==> flow/design.v <==
module regfile #(
  parameter integer NWORDS = 24,
  parameter integer NBITS = 48,
  parameter integer AWIDTH = $clog2(NWORDS)
) (
  input wire i_clk,
  input wire rst_ni,
  input wire we,
  input wire [AWIDTH-1:0] write_addr,
  input wire [NBITS-1:0] wd,
  input wire [AWIDTH-1:0] raddr_a,
  input wire [AWIDTH-1:0] raddr_b,
  output wire [NBITS-1:0] q_a,
  output wire [NBITS-1:0] q_b
);
  reg [NBITS-1:0] array [0:NWORDS-1];
  always @(posedge i_clk) begin
    if (we && write_addr != 0)
      array[write_addr] <= wd;
  end
  reg [NBITS-1:0] q_a_s;
  always @(posedge i_clk or negedge rst_ni) begin
    if (~rst_ni) begin
      q_a_s <= 0;
    end else begin
      q_a_s <= (raddr_a == 0) ? {NBITS{1'b0}} : array[raddr_a];
    end
  end
  assign q_a = q_a_s;
  reg [NBITS-1:0] q_b_s;
  always @(posedge i_clk or negedge rst_ni) begin
    if (~rst_ni) begin
      q_b_s <= 0;
    end else begin
      q_b_s <= (raddr_b == 0) ? {NBITS{1'b0}} : array[raddr_b];
    end
  end
  assign q_b = q_b_s;
endmodule
Reports on regfile

The steps from the RTL of regfile to its reports follow in flow order.
Lines are those of the file above, counted from 1.
Operators carry their Yosys type and port widths (W data, S select, Z words).
Library cell names are shortened.
The mark n/a stands for no value.

Top module: regfile
Clock: i_clk
Standard-cell library: sky130hd
Library corner: tt_025C_1v80

Word level

Counts by Yosys on the flattened word-level netlist (proc, flatten, opt, wreduce; memories kept). Register bits leave out memories and registers merged into their read ports (data or address); mux counts leave out enables and synchronous resets folded into registers. Print and check cells are left out. Cells with the same type and inputs are merged into one.
Memory sizes are those after Yosys's memory passes, which may raise the word count (mostly to a power of two), join words into wider ones and drop unused or constant bits.

Output and inout bits: 96
Bits in registers: 96
Memory bits (writable): 1152
Memory cells: 1
Input port bits: 66

Mux-type cells: 5
Reductions and logical operators: 4

Memories:

| name  | words | width | read ports | wr ports | line | source |
| array | 24    | 48    | 2          | 1        | 16   | `reg [NBITS-1:0] array [0:NWORDS-1];` |

Operators by type and width:

| kind                | count |
| $mux W48            | 3 |
| $logic_not A5 Y1    | 2 |
| $reduce_bool A5 Y1  | 1 |
| $mux W5             | 1 |
| $logic_and A1 B1 Y1 | 1 |
| $mux W1             | 1 |

Depth

Depth = most cells in a row (Yosys ltp): at word level without a register or memory, in the mapped netlist without a sequential cell, where the memories' decode and read muxes count.

Depth in word-level cells: 3
ABC_AREA: 0
Depth in mapped cells: 8
Gate-level depth less buffers: 4

After synthesis

The flow's flattened synthesis, as Yosys stat reports it; memories are mapped. The netlist is that of the ABC_AREA named above (0 if unset); the other value can give another one.

Chip area (Yosys): 55204.2 sq um
Mapped cells: 2926
Flip-flops: 1248
Buffer cells: 221

Cells by type:

| cell type | count | area in all (sq um) |
| edfxtp_1  | 1152  | 3.46E+04 |
| mux4_2    | 396   | 8.92E+03 |
| mux2i_1   | 348   | 3.48E+03 |
| dfrtp_1   | 96    | 2.4E+03 |
| a22oi_1   | 162   | 1.22E+03 |
| mux2_2    | 72    | 810.778 |
| buf_2     | 118   | 590.566 |
| o211ai_1  | 78    | 585.562 |
| nand2_1   | 145   | 544.272 |
| nand3_1   | 85    | 425.408 |
| a2bb2oi_1 | 36    | 315.302 |
| clkbuf_1  | 79    | 296.534 |
| o2111ai_1 | 30    | 262.752 |
| a21oi_1   | 48    | 240.23 |
| buf_4     | 15    | 112.608 |
| nor2_1    | 28    | 105.101 |
| buf_12    | 3     | 60.058 |
| nor2b_1   | 7     | 43.792 |

Other cell types: 13; their cells: 28.

Timing after synthesis

Source: OpenSTA report_checks on the synthesized netlist (no wires, ideal clock, input and output delay 20% of the period each), path of least setup slack; recovery checks are left aside. Register names are those of the netlist, which keeps one name where synthesis merged equal registers.

Kind: input port to flip-flop
Start: input port write_addr[1]
End: memory array[12][0]
Library setup time: 454 ps
Path delay: 3022 ps
Data arrival time: 3512 ps
Period: 4720 ps
Path buffers: 0
Launch time at the first pin: 944 ps
Stages: 2
External input delay: 944 ps
Path slack: 754 ps
Synthesis period reached: 3966 ps

"path delay" is the arrival time less input delay plus setup time.
"stages": output pins that drive a net of the path, with the launching flip-flop's if there is one; two outputs of one cell count as two.
"synthesis period reached" is the clock period less the worst setup slack; recovery checks do not enter. This is arithmetic on one report: input and output delays are still those of the set period (20% each).
Between the ends stands the longest chain of elaborated cells between them, by number of cells; it is not shown to be the way that was timed. Of several equally long chains one is given.
A line is the first line of the expression or statement that the cell stems from. Yosys adds cells for indexed reads and writes and turns some case tables into memories.
Only ways into the end's enable, where the timed path ends, are counted here.

Cell sequence: or3b_2 -> nor2_1
Cells in the longest elaborated chain: 3

RTL lines, path post-synthesis:

| what                | line | source |
| start: declaration  | 9    | `input wire [AWIDTH-1:0] write_addr,` |
| $reduce_bool A5 Y1  | 18   | `if (we && write_addr != 0)` |
| $logic_and A1 B1 Y1 | 18   |  |
| $mux W5             | 18   |  |
| end: declaration    | 16   | `reg [NBITS-1:0] array [0:NWORDS-1];` |

Path in the finished layout

From the final timing report of run A: the path of least setup slack in the routed layout; clock arrival at registers is part of the times.
The report prints the path's times to 10 ps; the period is as set.

Kind: input port to flip-flop
Start: input port raddr_b[1]
End: register q_b_s[1]
Library setup time: 260 ps
Period: 4180 ps
Launch time at the first pin: 840 ps
Path buffers: 4
External input delay: 840 ps
Data arrival time: 4200 ps
Path slack: 470 ps
Stages: 8

Between the ends stands the longest chain of elaborated cells between them, by number of cells; it is not shown to be the way that was timed. Of several equally long chains one is given.
The chain passes a memory read, where the word-level depth is cut; so it can be longer than that depth.

Cell sequence: clkdlybuf4s50_1 -> buf_2 -> and2_1 -> clkbuf_1 -> clkbuf_1 -> nand2_1 -> o2111ai_1 -> o211ai_1
Cells in the longest elaborated chain: 2

RTL lines, path after layout:

| what               | line | source |
| start: declaration | 12   | `input wire [AWIDTH-1:0] raddr_b,` |
| $mem_v2 Z24 W48    | 16   | `reg [NBITS-1:0] array [0:NWORDS-1];` |
| $mux W48           | 35   | `q_b_s <= (raddr_b == 0) ? {NBITS{1'b0}} : array[raddr_b];` |
| end: assignment    | 33   | `q_b_s <= 0;` |
| end: assignment    | 35   |  |
| end: declaration   | 30   | `reg [NBITS-1:0] q_b_s;` |

Subject: flow runs of regfile

Hi,

Measured results for regfile: 3 stored runs of the Yosys and OpenROAD flow on sky130hd. The settings differ; the order carries no meaning. The constraints put input and output delay at 20% of the set period each and load the outputs with 0.01 pF.
"period reached" is the run's clock period less its worst setup slack. It is reckoned from that one timing run; input and output delays stay at 20% of the period that was set.
"critical setup path time" is the time allowed to the run's worst setup path (the clock period less input and output delay, where it has them) less its slack. Clock arrival times count: a late capture clock shortens it, a late launch clock lengthens it.
By "power consumption" is meant OpenSTA's value without simulated activity: inputs other than the clock are taken to toggle once in ten clock periods, and the tool carries that through the logic.
"critical setup path time" is given in steps of 10 ps.
A setting shown as -- is not set for that run.

| name                                    | run A                   | run B                    | run C                   |
| period_ns                               | 4.18                    | 4.72                     | 5.66                    |
| CORE_UTILIZATION                        | 54                      | 40                       | 52                      |
| PLACE_DENSITY_LB_ADDON                  | 0.12                    | --                       | 0.21                    |
| CORE_ASPECT_RATIO                       | 0.99                    | --                       | 0.51                    |
| CELL_PAD_IN_SITES_DETAIL_PLACEMENT      | 0                       | --                       | 1                       |
| TNS_END_PERCENT                         | 55                      | --                       | 30                      |
| GPL_TIMING_DRIVEN                       | 0                       | --                       | --                      |
| CTS_CLUSTER_DIAMETER                    | 192                     | --                       | 62                      |
| CAP_MARGIN                              | 20                      | 20                       | 40                      |
| CORE_MARGIN                             | 2                       | 2                        | 7                       |
| SLEW_MARGIN                             | 20                      | 20                       | 40                      |
| SETUP_SLACK_MARGIN                      | --                      | --                       | 0.66                    |
| HOLD_SLACK_MARGIN                       | --                      | --                       | 0.28                    |
| CELL_PAD_IN_SITES_GLOBAL_PLACEMENT      | --                      | --                       | 3                       |
| MIN_ROUTING_LAYER                       | --                      | --                       | met2                    |
| MAX_ROUTING_LAYER                       | --                      | --                       | met5                    |
| power consumption (mW)                  | 28.911                  | 25.091                   | 20.363                  |
| utilization of the finished layout      | 0.643                   | 0.466                    | 0.596                   |
| standard-cell area after layout (sq um) | 65058.6                 | 63936.3                  | 62826.5                 |
| period reached (ps)                     | 3711                    | 2855                     | 3410                    |
| Yosys chip area after synthesis (sq um) | 55204.2                 | 55204.2                  | 55204.2                 |
| setup TNS (ps)                          | 0                       | 0                        | 0                       |
| full die area (sq um)                   | 104803.0                | 140996.0                 | 116002.0                |
| critical setup path time (ps)           | 2880                    | 1910                     | 2280                    |
| type of the worst setup path            | input port to flip-flop | flip-flop to output port | input port to flip-flop |
| worst setup slack after layout (ps)     | 469                     | 1865                     | 2250                    |

Regards
